==> flow/design.v <==
module core_chooser_rtl #(
    parameter WD = 1,
    parameter WAYS = 16,
    parameter SEL_WIDTH = $clog2(WAYS)
) (
    input wire ck,
    input wire RST,
    input wire [WAYS*WD-1:0] in_ch,
    input wire [SEL_WIDTH-1:0] in_sel,
    output wire [WD-1:0] out_q
);
    reg [WAYS*WD-1:0] ch_r;
    reg [SEL_WIDTH-1:0] sel_r;
    always @(posedge ck or posedge RST) begin
        if (RST) begin
            ch_r <= 0;
            sel_r <= 0;
        end else begin
            ch_r <= in_ch;
            sel_r <= in_sel;
        end
    end
    wire [WAYS-1:0] onehot = {{(WAYS-1){1'b0}}, 1'b1} << sel_r;
    reg [WAYS-1:0] onehot_r;
    reg [WAYS*WD-1:0] ch_r_d;
    always @(posedge ck or posedge RST) begin
        if (RST) begin
            onehot_r <= 0;
            ch_r_d <= 0;
        end else begin
            onehot_r <= onehot;
            ch_r_d <= ch_r;
        end
    end
    reg [WD-1:0] r;
    integer i;
    always @(*) begin
        r = 0;
        for (i = 0; i < WAYS; i = i + 1)
            r = r | (ch_r_d[i*WD +: WD] & {WD{onehot_r[i]}});
    end
    reg [WD-1:0] q_r;
    always @(posedge ck or posedge RST) begin
        if (RST) begin
            q_r <= 0;
        end else begin
            q_r <= r;
        end
    end
    assign out_q = q_r;
endmodule
# --- From RTL to reports: core_chooser_rtl ---
# The steps from the RTL of core_chooser_rtl to its reports follow in flow order.
# Line numbers count from 1 in the design file above.
# Operators carry their Yosys type and port widths (W data, S select, Z words).
# Library cell names are shortened.
setup:
  design: "core_chooser_rtl"
  clk_port: "ck"
  cell_library: "sky130hd"
  lib_corner: "tt_025C_1v80"

# --- After elaboration ---
# Source: Yosys, flattened and elaborated, memories not mapped. Widths are those after wreduce; folded enables and synchronous resets count as part of the registers. Registers that Yosys merges into a memory's read port (data or address) are not register bits. Print and check cells do not count. Equal cells are merged and count once.
bits:
  input_bits: 22
  wordCells: 37
  reg_bits: 53
  out_inout_bits: 1
classes:
  shift: 1
  n_logic: 31
op_table:
  columns: ["cell", "n"]
  rows:
  - ["$and A1 B1 Y1", 16]
  - ["$shl A1 B4 Y16 const A", 1]
  - ["$or A1 B1 Y1", 15]

# --- Longest topological paths ---
# Yosys ltp: most cells in a row. Word level: on the elaborated netlist, between registers, memories and ports. Mapped: between sequential cells and ports; inverters and the memories' decode and read muxes count.
depth:
  ltp_word: 16
  abc_area: 0
  depth_mapped: 3
  ltp_nobuf: 3

# --- Synthesis result ---
# Source: synth_stat.txt of the flow (Yosys; design flattened, memories mapped). It holds for the ABC_AREA given above (unset counts as 0); a run with the other value may have another netlist.
types:
  columns: ["type", "n", "type_area_um2"]
  rows:
  - ["dfrtp_1", 53, 1.33E+03]
  - ["a221oi_2", 4, 60.058]
  - ["a22o_1", 4, 35.034]
  - ["nor2_1", 9, 33.782]
  - ["nor3_1", 6, 30.029]
  - ["nand2b_1", 4, 25.024]
  - ["nand2_1", 2, 7.507]
  - ["nand4_1", 1, 6.256]
  - ["nor4_1", 1, 6.256]
  - ["inv_1", 1, 3.754]
synth_totals:
  cells: 85
  sequential_area_um2: 1326.3
  ff_cells: 53
  mapped_area_um2: 1534.0
  n_buf: 0

# --- Path before layout ---
# OpenSTA on the mapped netlist: ideal clock, no wires. The path of least setup slack (recovery checks aside). Input and output delay are each 20% of the period. Register names are those of the netlist, which keeps one name where synthesis merged equal registers.
synth_timing:
  path_kind: "register -> register"
  start: "reg ch_r_d[5]"
  end: "reg q_r"
  period_ns: 1.19
  setup_time_ns: 0.137
  path_slack_ns: 0.236
  arrival_time_ns: 0.817
  delay_ns: 0.954
  path_buffers: 0
  t_required_ns: 1.053
  path_stages: 4
  t_first_pin_ns: 0.000
  synth_period_reached_ns: 0.954
# "delay_ns" is the arrival time less input delay plus setup time.
# "path_stages" counts driving pins, that of a launching flip-flop among them; a cell with two outputs on the path counts twice.
# "synth_period_reached_ns" = period - worst setup slack (recovery checks aside). The figure is calculated, with input and output delays left at 20% of the set period.
# The rows between start and end are the longest chain of elaborated cells between them; the timing report does not say that the signal goes this way. Where chains are equally long, one stands for them.
# Each line given opens the expression or statement behind the cell; cells for indexed reads and writes are added by Yosys, which also makes memories of some case tables.
synth_between:
  path_cell_list: "dfrtp_1 a22o_1 a221oi_2 nand4_1"
  elab_chain_cells: 12
  cells_between: 12
  lines_between: 1
  cone_classes: "logic (12)"
synth_rtl:
  columns: ["element", "line", "text"]
  rows:
  - ["start, declared", 25, "reg [WAYS*WD-1:0] ch_r_d;"]
  - ["start, assigned", 29, "ch_r_d <= 0;"]
  - ["start, assigned", 32, "ch_r_d <= ch_r;"]
  - ["$and A1 B1 Y1", 40, "r = r | (ch_r_d[i*WD +: WD] & {WD{onehot_r[i]}});"]
  - ["$or A1 B1 Y1 x11", 40, null]
  - ["end, assigned", 45, "q_r <= 0;"]
  - ["end, assigned", 47, "q_r <= r;"]
  - ["end, declared", 42, "reg [WD-1:0] q_r;"]

# --- Path in the finished layout ---
# Path of least setup slack in the final report of run 1 (OpenROAD, finished layout, wires in). Where an end is a register, its clock arrival counts in the times.
layout_timing:
  path_kind: "register -> register"
  start: "reg ch_r_d[0]"
  end: "reg q_r"
  period_ns: 1.17
  t_required_ns: 1.35
  path_slack_ns: 0.13
  arrival_time_ns: 1.22
  path_stages: 4
  path_buffers: 0
  t_first_pin_ns: 0.30
  setup_time_ns: 0.12
# The rows between start and end are the longest chain of elaborated cells between them; the timing report does not say that the signal goes this way. Where chains are equally long, one stands for them.
layout_between:
  path_cell_list: "dfrtp_1 a22o_1 a221oi_2 nand4_1"
  elab_chain_cells: 16
  cells_between: 16
  lines_between: 1
  cone_classes: "logic (16)"
layout_rtl:
  columns: ["element", "line", "text"]
  rows:
  - ["start, declared", 25, "reg [WAYS*WD-1:0] ch_r_d;"]
  - ["start, assigned", 29, "ch_r_d <= 0;"]
  - ["start, assigned", 32, "ch_r_d <= ch_r;"]
  - ["$and A1 B1 Y1", 40, "r = r | (ch_r_d[i*WD +: WD] & {WD{onehot_r[i]}});"]
  - ["$or A1 B1 Y1 x15", 40, null]
  - ["end, assigned", 45, "q_r <= 0;"]
  - ["end, assigned", 47, "q_r <= r;"]
  - ["end, declared", 42, "reg [WD-1:0] q_r;"]

Add stored flow runs of core_chooser_rtl

Module core_chooser_rtl, platform sky130hd: 3 stored runs of the flow (Yosys, OpenROAD) with differing settings, in no particular order. Input and output delays are each 20% of the period that was set; the output load is 0.01 pF.
By "period_reached_ns" is meant the clock period of the run minus its worst setup slack. This is arithmetic on one report: input and output delays are still those of the set period (20% each).
"final_power_mw" is the tool's figure for a default switching activity; nothing was simulated.

--- run 1 ---
==> flow/run.sh <==
#!/bin/bash
# the make line also repeats the synthesis and layout settings of config.mk as NAME=value (left out here)
make -C /OpenROAD-flow-scripts/flow DESIGN_CONFIG=/design/flow/config.mk WORK_HOME=/design/flow/orfs CLKGATE_MAP_FILE= finish
==> flow/config.mk <==
export PLATFORM = sky130hd
export DESIGN_NAME = core_chooser_rtl
export DESIGN_NICKNAME = core_chooser_rtl
export VERILOG_FILES = /design/flow/design.v
export SDC_FILE = /design/flow/constraint.sdc
export NUM_CORES = 4
export LEC_CHECK = 0
export CAP_MARGIN = 20
export CELL_PAD_IN_SITES_DETAIL_PLACEMENT = 0
export CORE_MARGIN = 2
export CORE_UTILIZATION = 31
export CTS_CLUSTER_DIAMETER = 268
export GPL_ROUTABILITY_DRIVEN = 1
export GPL_TIMING_DRIVEN = 1
export MAX_ROUTING_LAYER = met4
export MIN_ROUTING_LAYER = met2
export PLACE_DENSITY_LB_ADDON = 0.16
export SLEW_MARGIN = 20
export TNS_END_PERCENT = 50
==> flow/constraint.sdc <==
create_clock -name core_clock -period 1.17 [get_ports {ck}]
set_input_delay 0.2340 -clock core_clock [delete_from_list [all_inputs] [get_ports {ck}]]
set_output_delay 0.2340 -clock core_clock [all_outputs]
set_load 0.01 [all_outputs]

==> results, as YAML <==
results:
  post_synth_area_um2: 1534.0
  total_die_area_um2: 5527.2
  finish.stdcell_area_um2: 1971.9
  post_route_util_pct: 41.5
  ws_setup_ns: 0.128
  final_power_mw: 3.315
  period_reached_ns: 1.042

--- run 2 ---
==> flow/run.sh <==
#!/bin/bash
# the make line also repeats the synthesis and layout settings of config.mk as NAME=value (left out here)
make -C /OpenROAD-flow-scripts/flow DESIGN_CONFIG=/design/flow/config.mk WORK_HOME=/design/flow/orfs CLKGATE_MAP_FILE= finish
==> flow/config.mk <==
export PLATFORM = sky130hd
export DESIGN_NAME = core_chooser_rtl
export DESIGN_NICKNAME = core_chooser_rtl
export VERILOG_FILES = /design/flow/design.v
export SDC_FILE = /design/flow/constraint.sdc
export NUM_CORES = 4
export LEC_CHECK = 0
export ABC_AREA = 1
export CAP_MARGIN = 20
export CELL_PAD_IN_SITES_DETAIL_PLACEMENT = 2
export CELL_PAD_IN_SITES_GLOBAL_PLACEMENT = 0
export CORE_MARGIN = 10
export CORE_UTILIZATION = 25
export CTS_CLUSTER_DIAMETER = 58
export GPL_ROUTABILITY_DRIVEN = 0
export GPL_TIMING_DRIVEN = 1
export PLACE_DENSITY_LB_ADDON = 0.26
export SETUP_SLACK_MARGIN = 0.03
export SLEW_MARGIN = 15
export TNS_END_PERCENT = 75
==> flow/constraint.sdc <==
create_clock -name core_clock -period 1.09 [get_ports {ck}]
set_input_delay 0.2180 -clock core_clock [delete_from_list [all_inputs] [get_ports {ck}]]
set_output_delay 0.2180 -clock core_clock [all_outputs]
set_load 0.01 [all_outputs]

==> results, as YAML <==
results:
  post_synth_area_um2: 1602.8
  total_die_area_um2: 10014.0
  finish.stdcell_area_um2: 2048.2
  post_route_util_pct: 32.6
  ws_setup_ns: 0.068
  final_power_mw: 3.446
  period_reached_ns: 1.022

--- run 3 ---
==> flow/run.sh <==
#!/bin/bash
# the make line also repeats the synthesis and layout settings of config.mk as NAME=value (left out here)
make -C /OpenROAD-flow-scripts/flow DESIGN_CONFIG=/design/flow/config.mk WORK_HOME=/design/flow/orfs CLKGATE_MAP_FILE= finish
==> flow/config.mk <==
export PLATFORM = sky130hd
export DESIGN_NAME = core_chooser_rtl
export DESIGN_NICKNAME = core_chooser_rtl
export VERILOG_FILES = /design/flow/design.v
export SDC_FILE = /design/flow/constraint.sdc
export NUM_CORES = 4
export LEC_CHECK = 0
export CAP_MARGIN = 20
export CORE_MARGIN = 2
export CORE_UTILIZATION = 40
export SLEW_MARGIN = 20
==> flow/constraint.sdc <==
create_clock -name core_clock -period 1.19 [get_ports {ck}]
set_input_delay 0.2380 -clock core_clock [delete_from_list [all_inputs] [get_ports {ck}]]
set_output_delay 0.2380 -clock core_clock [all_outputs]
set_load 0.01 [all_outputs]

==> results, as YAML <==
results:
  post_synth_area_um2: 1534.0
  total_die_area_um2: 4346.1
  finish.stdcell_area_um2: 1931.8
  post_route_util_pct: 52.8
  ws_setup_ns: 0.084
  final_power_mw: 3.027
  period_reached_ns: 1.106
